==> flow/design.v <==
module gen_switch #(
  parameter BITS = 2,
  parameter WAYS = 10
) (
  input  wire aclk,
  input  wire rstn,
  input  wire [WAYS*BITS-1:0] ch_i,
  input  wire [WAYS-1:0] addr_i,
  output wire [BITS-1:0] z_o_o
);
  reg [WAYS*BITS-1:0] ch_reg;
  reg [WAYS-1:0] addr_reg;
  always @(posedge aclk) begin
    if (!rstn) begin
      ch_reg <= 0;
      addr_reg <= 0;
    end else begin
      ch_reg <= ch_i;
      addr_reg <= addr_i;
    end
  end
  reg [BITS-1:0] r;
  integer idx;
  always @(*) begin
    r = 0;
    for (idx = WAYS-1; idx >= 0; idx = idx - 1)
      if (addr_reg[idx]) r = ch_reg[idx*BITS +: BITS];
  end
  assign z_o_o = r;
endmodule
# --- Step by step through the tools: gen_switch ---
# The steps from the RTL of gen_switch to its reports follow in flow order.
# Line numbers count from 1 in the design file above.
# Library cell names are shortened.
inputs:
  top_module: "gen_switch"
  clk_port: "aclk"
  library: "sky130hd"
  pvt_corner: "tt_025C_1v80"

# --- Word-level counts ---
# Source: Yosys, flattened and elaborated, memories not mapped. Widths are those after wreduce; folded enables and synchronous resets count as part of the registers. Registers that Yosys merges into a memory's read port (data or address) are not register bits. Print and check cells do not count. Equal cells are merged and count once.
bits:
  in_bits: 32
  elab_cells: 12
  register_bits: 30
  output_inout_bits: 2
op_classes:
  muxes: 10
op_table:
  columns: ["operator", "count"]
  rows:
  - ["2-to-1 mux 2 bit", 10]

# --- Depth ---
# Longest topological path by Yosys (ltp), each cell counted once; first at word level (registers and memories cut), then after technology mapping (sequential cells cut; the memories' decode and read muxes count).
logic_depth:
  word_depth: 10
  abc_area: 0
  ltp_mapped: 4
  ltp_nobuf: 4

# --- Netlist ---
# Yosys stat after the flow's synthesis: flattened, memories mapped to cells. It holds for the ABC_AREA given above (unset counts as 0); a run with the other value may have another netlist.
types:
  columns: ["cell", "count", "area_total_um2"]
  rows:
  - ["dfxtp_1", 30, 600.576]
  - ["and2_1", 30, 187.68]
  - ["a221oi_1", 4, 35.034]
  - ["nor2b_1", 4, 25.024]
  - ["o21ai_0", 4, 20.019]
  - ["o32a_1", 2, 20.019]
  - ["o221ai_1", 2, 17.517]
  - ["a211oi_1", 2, 15.014]
  - ["o31ai_1", 2, 15.014]
  - ["clkbuf_1", 3, 11.261]
  - ["inv_1", 3, 11.261]
  - ["nand2_1", 3, 11.261]
  - ["o21ai_1", 2, 10.01]
  - ["and2b_2", 1, 8.758]
  - ["nor2b_2", 1, 8.758]
  - ["nor2_2", 1, 6.256]
  - ["nor2_1", 1, 3.754]
synth_totals:
  mapped_cells: 95
  mapped_area_mm2: 0.0010072
  ff_cells: 30
  seq_area_mm2: 0.0006006
  buf_cells: 3

# --- Path before layout ---
# Source: OpenSTA report_checks on the synthesized netlist (no wires, ideal clock, input and output delay 20% of the period each), path of least setup slack; recovery checks are left aside. Register names are those of the netlist, which keeps one name where synthesis merged equal registers.
synth_timing:
  path_kind: "register to output"
  from: "reg addr_reg[5]"
  to: "out z_o_o[1]"
  setup_slack_ns: 0.234
  path_buffers: 0
  t_first_pin_ns: 0.000
  path_delay_ns: 0.934
  clock_period_ns: 1.46
  required_ns: 1.168
  out_delay_ns: 0.292
  t_arrival_ns: 0.934
  path_stages: 5
  period_less_setup_slack_ns: 1.226
# "path_delay_ns" is the arrival time less input delay plus setup time.
# A path that ends at an output port has no setup time.
# "path_stages": output pins that drive a net of the path, with the launching flip-flop's if there is one; two outputs of one cell count as two.
# "period_less_setup_slack_ns" = period - worst setup slack (recovery checks aside). The figure is calculated, with input and output delays left at 20% of the set period.
# The rows between start and end are the longest chain of elaborated cells between them; the timing report does not say that the signal goes this way. Where chains are equally long, one stands for them.
# Each line given opens the expression or statement behind the cell; cells for indexed reads and writes are added by Yosys, which also makes memories of some case tables.
synth_between:
  path_cell_list: "dfxtp_1 -> nor2b_2 -> a221oi_1 -> o32a_1 -> o31ai_1"
  elab_chain_cells: 6
  cone_cells: 6
  lines_between: 1
  cone_classes: "mux: 6"
synth_lines:
  columns: ["item", "line_no", "rtl"]
  rows:
  - ["start: declaration", 12, "reg [WAYS-1:0] addr_reg;"]
  - ["start: assignment", 16, "addr_reg <= 0;"]
  - ["start: assignment", 19, "addr_reg <= addr_i;"]
  - ["2-to-1 mux 2 bit x6", 27, "if (addr_reg[idx]) r = ch_reg[idx*BITS +: BITS];"]
  - ["end: declaration", 9, "output wire [BITS-1:0] z_o_o"]

# --- Timing after layout ---
# From the final timing report of run 1: the path of least setup slack in the routed layout; clock arrival at registers is part of the times.
layout_timing:
  path_kind: "register to output"
  from: "reg addr_reg[0]"
  to: "out z_o_o[0]"
  t_first_pin_ns: 0.31
  out_delay_ns: 0.29
  t_arrival_ns: 1.43
  clock_period_ns: 1.46
  required_ns: 1.17
  setup_slack_ns: -0.27
  path_stages: 6
  path_buffers: 1
# The rows between start and end are the longest chain of elaborated cells between them; the timing report does not say that the signal goes this way. Where chains are equally long, one stands for them.
layout_between:
  path_cell_list: "dfxtp_2 -> nor2_4 -> o21ai_2 -> o32a_1 -> o31ai_2 -> buf_2"
  elab_chain_cells: 1
  cone_cells: 1
  lines_between: 1
  cone_classes: "mux: 1"
layout_lines:
  columns: ["item", "line_no", "rtl"]
  rows:
  - ["start: declaration", 12, "reg [WAYS-1:0] addr_reg;"]
  - ["start: assignment", 16, "addr_reg <= 0;"]
  - ["start: assignment", 19, "addr_reg <= addr_i;"]
  - ["2-to-1 mux 2 bit", 27, "if (addr_reg[idx]) r = ch_reg[idx*BITS +: BITS];"]
  - ["end: declaration", 9, "output wire [BITS-1:0] z_o_o"]

==> results <==
Settings and measured results of 3 stored flow runs for module gen_switch (sky130hd), not sorted in any way. The constraints put input and output delay at 20% of the set period each and load the outputs with 0.01 pF.
"period_reached_ns" means the clock period less the worst setup slack. The figure is calculated, with input and output delays left at 20% of the set period.
By "worst_path_time_ns" is meant the share of the clock period that the worst setup path is allowed (20% is reserved at inputs, 20% at outputs), minus its slack. Clock arrival times at its registers enter into it.
"design_power_mw": no workload was simulated; the value follows from the tool's default switching activity.

--- run 1 ---
==> flow/run.sh <==
#!/bin/bash
# the make line also repeats the synthesis and layout settings of config.mk as NAME=value (left out here)
make -C /OpenROAD-flow-scripts/flow DESIGN_CONFIG=/design/flow/config.mk WORK_HOME=/design/flow/orfs CLKGATE_MAP_FILE= finish
==> flow/config.mk <==
export PLATFORM = sky130hd
export DESIGN_NAME = gen_switch
export DESIGN_NICKNAME = gen_switch
export VERILOG_FILES = /design/flow/design.v
export SDC_FILE = /design/flow/constraint.sdc
export NUM_CORES = 4
export LEC_CHECK = 0
export CAP_MARGIN = 20
export CORE_MARGIN = 2
export CORE_UTILIZATION = 40
export SLEW_MARGIN = 20
==> flow/constraint.sdc <==
create_clock -name core_clock -period 1.46 [get_ports {aclk}]
set_input_delay 0.2920 -clock core_clock [delete_from_list [all_inputs] [get_ports {aclk}]]
set_output_delay 0.2920 -clock core_clock [all_outputs]
set_load 0.01 [all_outputs]

==> results, as YAML <==
results:
  post_synth_area_mm2: 0.0010072
  total_die_area_mm2: 0.0029355
  cell_area_final_mm2: 0.001509
  finish.utilization_pct: 62.0
  timing.setup.ws_ns: -0.267
  fin_tns_ns: -0.532
  hold_worst_slack_ns: 0.534
  design_power_mw: 1.592
  period_reached_ns: 1.727
  worst_path_time_ns: 1.43
  path_kind: "register to output"

--- run 2 ---
==> flow/run.sh <==
#!/bin/bash
# the make line also repeats the synthesis and layout settings of config.mk as NAME=value (left out here)
make -C /OpenROAD-flow-scripts/flow DESIGN_CONFIG=/design/flow/config.mk WORK_HOME=/design/flow/orfs CLKGATE_MAP_FILE= finish
==> flow/config.mk <==
export PLATFORM = sky130hd
export DESIGN_NAME = gen_switch
export DESIGN_NICKNAME = gen_switch
export VERILOG_FILES = /design/flow/design.v
export SDC_FILE = /design/flow/constraint.sdc
export NUM_CORES = 4
export LEC_CHECK = 0
export CAP_MARGIN = 25
export CELL_PAD_IN_SITES_DETAIL_PLACEMENT = 1
export CORE_ASPECT_RATIO = 0.94
export CORE_MARGIN = 2
export CORE_UTILIZATION = 37
export PLACE_DENSITY_LB_ADDON = 0.14
export SETUP_SLACK_MARGIN = 0.13
export SLEW_MARGIN = 20
==> flow/constraint.sdc <==
create_clock -name core_clock -period 0.771 [get_ports {aclk}]
set_input_delay 0.1542 -clock core_clock [delete_from_list [all_inputs] [get_ports {aclk}]]
set_output_delay 0.1542 -clock core_clock [all_outputs]
set_load 0.01 [all_outputs]

==> results, as YAML <==
results:
  post_synth_area_mm2: 0.0010072
  total_die_area_mm2: 0.0031558
  cell_area_final_mm2: 0.0015515
  finish.utilization_pct: 59.4
  timing.setup.ws_ns: -0.868
  fin_tns_ns: -1.717
  hold_worst_slack_ns: 0.368
  design_power_mw: 2.982
  period_reached_ns: 1.639
  worst_path_time_ns: 1.48
  path_kind: "register to output"

--- run 3 ---
==> flow/run.sh <==
#!/bin/bash
# the make line also repeats the synthesis and layout settings of config.mk as NAME=value (left out here)
make -C /OpenROAD-flow-scripts/flow DESIGN_CONFIG=/design/flow/config.mk WORK_HOME=/design/flow/orfs CLKGATE_MAP_FILE= finish
==> flow/config.mk <==
export PLATFORM = sky130hd
export DESIGN_NAME = gen_switch
export DESIGN_NICKNAME = gen_switch
export VERILOG_FILES = /design/flow/design.v
export SDC_FILE = /design/flow/constraint.sdc
export NUM_CORES = 4
export LEC_CHECK = 0
export CAP_MARGIN = 20
export CELL_PAD_IN_SITES_GLOBAL_PLACEMENT = 0
export CORE_MARGIN = 2
export CORE_UTILIZATION = 43
export CTS_CLUSTER_DIAMETER = 122
export CTS_CLUSTER_SIZE = 84
export GPL_TIMING_DRIVEN = 1
export MAX_ROUTING_LAYER = met4
export PLACE_DENSITY_LB_ADDON = 0.17
export SETUP_SLACK_MARGIN = 0.18
export SLEW_MARGIN = 20
==> flow/constraint.sdc <==
create_clock -name core_clock -period 1.54 [get_ports {aclk}]
set_input_delay 0.3080 -clock core_clock [delete_from_list [all_inputs] [get_ports {aclk}]]
set_output_delay 0.3080 -clock core_clock [all_outputs]
set_load 0.01 [all_outputs]

==> results, as YAML <==
results:
  post_synth_area_mm2: 0.0010072
  total_die_area_mm2: 0.0027452
  cell_area_final_mm2: 0.0015027
  finish.utilization_pct: 67.9
  timing.setup.ws_ns: -0.175
  fin_tns_ns: -0.350
  hold_worst_slack_ns: 0.567
  design_power_mw: 1.469
  period_reached_ns: 1.715
  worst_path_time_ns: 1.41
  path_kind: "register to output"
